==> flow/design.v <==
module mult #(
    parameter DW = 18
) (
    input  aclk,
    input  rst_i,
    input  [DW-1:0] arg0,
    input  [DW-1:0] arg1,
    output reg [DW-1:0] mul
);
    always @(posedge aclk or posedge rst_i) begin
        if (rst_i) begin
            mul <= 0;
        end else begin
            mul <= arg0 * arg1;
        end
    end
endmodule
==> Reports on mult <==
Tool output for the design above, in the order of the flow.
Line numbers count from 1 in the design file above.
Operators: Yosys type, input widths -> output width; for muxes data width and select width s.
Library cell names are shortened.
{ "design": {"top": "mult", "clk_port": "aclk", "lib": "sky130hd", "lib_corner": "tt_025C_1v80"} }

==> Word level <==
Source: Yosys, flattened and elaborated, memories not mapped. Widths are those after wreduce; folded enables and synchronous resets count as part of the registers. Registers that Yosys merges into a memory's read port (data or address) are not register bits. Print and check cells do not count. Equal cells are merged and count once.
{ "word_totals": {"register_bits": 18, "inputBits": 38, "output_inout_bits": 18, "wordCells": 2} }
{ "classes": {"mul": 1} }
{ "ops": {"columns": ["op", "n"], "rows": [
  ["$mul 18x18->18", 1]
]} }

==> Depth <==
Depth = most cells in a row (Yosys ltp): at word level without a register or memory, in the mapped netlist without a sequential cell, where the memories' decode and read muxes count.
{ "logic_depth": {"word_depth": 1, "ABC_AREA": 0, "depth_mapped": 20} }

==> After synthesis <==
The flow's flattened synthesis, as Yosys stat reports it; memories are mapped. The netlist is that of the ABC_AREA named above (0 if unset); the other value can give another one.
Totals and module areas in this step are rounded.
{ "synth_totals": {"stdcells": 606, "yosys_area_um2": 5455, "seqArea_um2": 450.4, "ffs": 18, "n_buf": 18} }
{ "types": {"columns": ["cell_type", "n", "type_area_um2"], "rows": [
  ["fa_1", 109, 2.18E+03],
  ["ha_1", 53, 663.136],
  ["and2_1", 105, 656.88],
  ["inv_1", 158, 593.069],
  ["dfrtp_1", 18, 450.432],
  ["xnor2_1", 34, 297.786],
  ["nand2_1", 69, 258.998],
  ["xor2_1", 7, 61.309],
  ["clkbuf_1", 16, 60.058],
  ["o21a_1", 5, 37.536],
  ["a21oi_1", 6, 30.029],
  ["o21ai_0", 5, 25.024],
  ["xnor3_1", 1, 22.522],
  ["a21o_1", 2, 15.014],
  ["nor2_1", 4, 15.014],
  ["nor3_1", 3, 15.014],
  ["clkbuf_2", 2, 10.01],
  ["o31a_1", 1, 8.758]
]} }
Not listed: further types 8, cells in them 8.

==> Worst setup path after synthesis <==
Source: OpenSTA report_checks on the synthesized netlist (no wires, ideal clock, input and output delay 20% of the period each), path of least setup slack; recovery checks are left aside. Register names are those of the netlist, which keeps one name where synthesis merged equal registers.
{ "synth_timing": {"kind": "in2reg", "start": "input arg1[3]", "end": "register mul[16]", "tclk_ns": 7.38, "setup_ns": 0.080, "launch_ns": 1.476, "t_arrival_ns": 6.117, "t_required_ns": 7.300, "path_slack_ns": 1.183, "delay_ns": 4.721, "path_stages": 18, "n_path_buf": 1, "synth_period_reached_ns": 6.197} }
"delay_ns" is the arrival time less input delay plus setup time.
"path_stages" counts driving pins, that of a launching flip-flop among them; a cell with two outputs on the path counts twice.
"synth_period_reached_ns" is the clock period less the worst setup slack; recovery checks do not enter. This is arithmetic on one report: input and output delays are still those of the set period (20% each).
The rows between start and end are the longest chain of elaborated cells between them; the timing report does not say that the signal goes this way. Where chains are equally long, one stands for them.
A line is the first line of the expression or statement that the cell stems from. Yosys adds cells for indexed reads and writes and turns some case tables into memories.
{ "synth_between": {"cell_sequence": "clkbuf_1 and2_1 fa_1 inv_1 fa_1 fa_1 fa_1 inv_1 fa_1 inv_1 fa_1 inv_1 ha_1 nand2_1 o21ai_0 or4_1 o22ai_1 xnor2_1", "elab_chain_cells": 1, "cone_cells": 1, "cone_lines": 1} }
{ "synth_lines": {"columns": ["item", "line_no", "text"], "rows": [
  ["from (decl)", 7, "input  [DW-1:0] arg1,"],
  ["$mul 18x18->18", 14, "mul <= arg0 * arg1;"],
  ["to (assign)", 12, "mul <= 0;"],
  ["to (assign)", 14, null],
  ["to (decl)", 8, "output reg [DW-1:0] mul"]
]} }

==> Worst path after layout <==
Path of least setup slack in the final report of run 1 (OpenROAD, finished layout, wires in). Where an end is a register, its clock arrival counts in the times.
{ "layout_timing": {"kind": "in2reg", "start": "input arg0[7]", "end": "register mul[17]", "tclk_ns": 7.38, "setup_ns": 0.12, "launch_ns": 1.48, "t_arrival_ns": 6.98, "t_required_ns": 7.52, "path_slack_ns": 0.54, "path_stages": 19, "n_path_buf": 1} }
The rows between start and end are the longest chain of elaborated cells between them; the timing report does not say that the signal goes this way. Where chains are equally long, one stands for them.
{ "layout_between": {"cell_sequence": "clkdlybuf4s50_1 and2_1 fa_1 inv_1 fa_1 fa_1 fa_1 inv_1 fa_1 inv_1 fa_1 inv_1 ha_1 nand2_1 nand2b_1 a21oi_1 o21ai_0 a31oi_1 xnor3_1", "elab_chain_cells": 1, "cone_cells": 1, "cone_lines": 1} }
{ "layout_lines": {"columns": ["item", "line_no", "text"], "rows": [
  ["from (decl)", 6, "input  [DW-1:0] arg0,"],
  ["$mul 18x18->18", 14, "mul <= arg0 * arg1;"],
  ["to (assign)", 12, "mul <= 0;"],
  ["to (assign)", 14, null],
  ["to (decl)", 8, "output reg [DW-1:0] mul"]
]} }

Stored flow runs of mult (3 of them; Yosys, OpenROAD, sky130hd). They differ in their settings and are not a sequence. Constraints: input delay and output delay 20% of the set period each, output load 0.01 pF.
"achieved_period_ns" means the clock period less the worst setup slack. The figure is calculated, with input and output delays left at 20% of the set period.
By "worst_path_time_ns" is meant the share of the clock period that the worst setup path is allowed (20% is reserved at inputs, 20% at outputs), minus its slack. Clock arrival times at its registers enter into it.
By "power.total_mw" is meant OpenSTA's value without simulated activity: inputs other than the clock are taken to toggle once in ten clock periods, and the tool carries that through the logic.
Values from the reports are rounded here.

Run 1
==> flow/run.sh <==
#!/bin/bash
# the make line also repeats the synthesis and layout settings of config.mk as NAME=value (left out here)
make -C /OpenROAD-flow-scripts/flow DESIGN_CONFIG=/design/flow/config.mk WORK_HOME=/design/flow/orfs CLKGATE_MAP_FILE= finish
==> flow/config.mk <==
export PLATFORM = sky130hd
export DESIGN_NAME = mult
export DESIGN_NICKNAME = mult
export VERILOG_FILES = /design/flow/design.v
export SDC_FILE = /design/flow/constraint.sdc
export NUM_CORES = 4
export LEC_CHECK = 0
export ABC_AREA = 0
export CAP_MARGIN = 20
export CELL_PAD_IN_SITES_DETAIL_PLACEMENT = 1
export CORE_MARGIN = 2
export CORE_UTILIZATION = 36
export MIN_ROUTING_LAYER = met2
export PLACE_DENSITY_LB_ADDON = 0.03
export SETUP_SLACK_MARGIN = -0.4
export SLEW_MARGIN = 30
==> flow/constraint.sdc <==
create_clock -name core_clock -period 7.38 [get_ports {aclk}]
set_input_delay 1.4760 -clock core_clock [delete_from_list [all_inputs] [get_ports {aclk}]]
set_output_delay 1.4760 -clock core_clock [all_outputs]
set_load 0.01 [all_outputs]

==> results of run 1, as JSON <==
{
  "achieved_period_ns": 6.845,
  "post_route_stdcell_area_um2": 6375,
  "power.total_mw": 2.544,
  "final_setup_tns_ns": 0.000,
  "worst_setup_slack_ns": 0.535,
  "design_die_area_um2": 16150,
  "post_route_util_frac": 0.435,
  "yosys.chip_area_um2": 5455,
  "worst_path_time_ns": 5.37,
  "critical_path_kind": "in2reg"
}

Run 2
==> flow/run.sh <==
#!/bin/bash
# the make line also repeats the synthesis and layout settings of config.mk as NAME=value (left out here)
make -C /OpenROAD-flow-scripts/flow DESIGN_CONFIG=/design/flow/config.mk WORK_HOME=/design/flow/orfs CLKGATE_MAP_FILE= finish
==> flow/config.mk <==
export PLATFORM = sky130hd
export DESIGN_NAME = mult
export DESIGN_NICKNAME = mult
export VERILOG_FILES = /design/flow/design.v
export SDC_FILE = /design/flow/constraint.sdc
export NUM_CORES = 4
export LEC_CHECK = 0
export ABC_AREA = 0
export CAP_MARGIN = 20
export CELL_PAD_IN_SITES_DETAIL_PLACEMENT = 1
export CORE_ASPECT_RATIO = 1.25
export CORE_MARGIN = 2
export CORE_UTILIZATION = 31
export MIN_ROUTING_LAYER = met2
export PLACE_DENSITY_LB_ADDON = 0.0
export SETUP_SLACK_MARGIN = 0.26
export SLEW_MARGIN = 15
==> flow/constraint.sdc <==
create_clock -name core_clock -period 9.08 [get_ports {aclk}]
set_input_delay 1.8160 -clock core_clock [delete_from_list [all_inputs] [get_ports {aclk}]]
set_output_delay 1.8160 -clock core_clock [all_outputs]
set_load 0.01 [all_outputs]

==> results of run 2, as JSON <==
{
  "post_route_util_frac": 0.365,
  "yosys.chip_area_um2": 5455,
  "final_setup_tns_ns": 0.000,
  "achieved_period_ns": 7.690,
  "post_route_stdcell_area_um2": 6335,
  "design_die_area_um2": 18680,
  "worst_path_time_ns": 5.87,
  "critical_path_kind": "in2reg",
  "worst_setup_slack_ns": 1.390,
  "power.total_mw": 2.091
}

Run 3
==> flow/run.sh <==
#!/bin/bash
# the make line also repeats the synthesis and layout settings of config.mk as NAME=value (left out here)
make -C /OpenROAD-flow-scripts/flow DESIGN_CONFIG=/design/flow/config.mk WORK_HOME=/design/flow/orfs CLKGATE_MAP_FILE= finish
==> flow/config.mk <==
export PLATFORM = sky130hd
export DESIGN_NAME = mult
export DESIGN_NICKNAME = mult
export VERILOG_FILES = /design/flow/design.v
export SDC_FILE = /design/flow/constraint.sdc
export NUM_CORES = 4
export LEC_CHECK = 0
export CAP_MARGIN = 20
export CORE_MARGIN = 2
export CORE_UTILIZATION = 40
export SLEW_MARGIN = 20
==> flow/constraint.sdc <==
create_clock -name core_clock -period 7.38 [get_ports {aclk}]
set_input_delay 1.4760 -clock core_clock [delete_from_list [all_inputs] [get_ports {aclk}]]
set_output_delay 1.4760 -clock core_clock [all_outputs]
set_load 0.01 [all_outputs]

==> results of run 3, as JSON <==
{
  "worst_path_time_ns": 5.51,
  "critical_path_kind": "in2reg",
  "worst_setup_slack_ns": 0.391,
  "final_setup_tns_ns": 0.000,
  "achieved_period_ns": 6.989,
  "post_route_util_frac": 0.479,
  "power.total_mw": 2.481,
  "yosys.chip_area_um2": 5455,
  "post_route_stdcell_area_um2": 6365,
  "design_die_area_um2": 14590
}
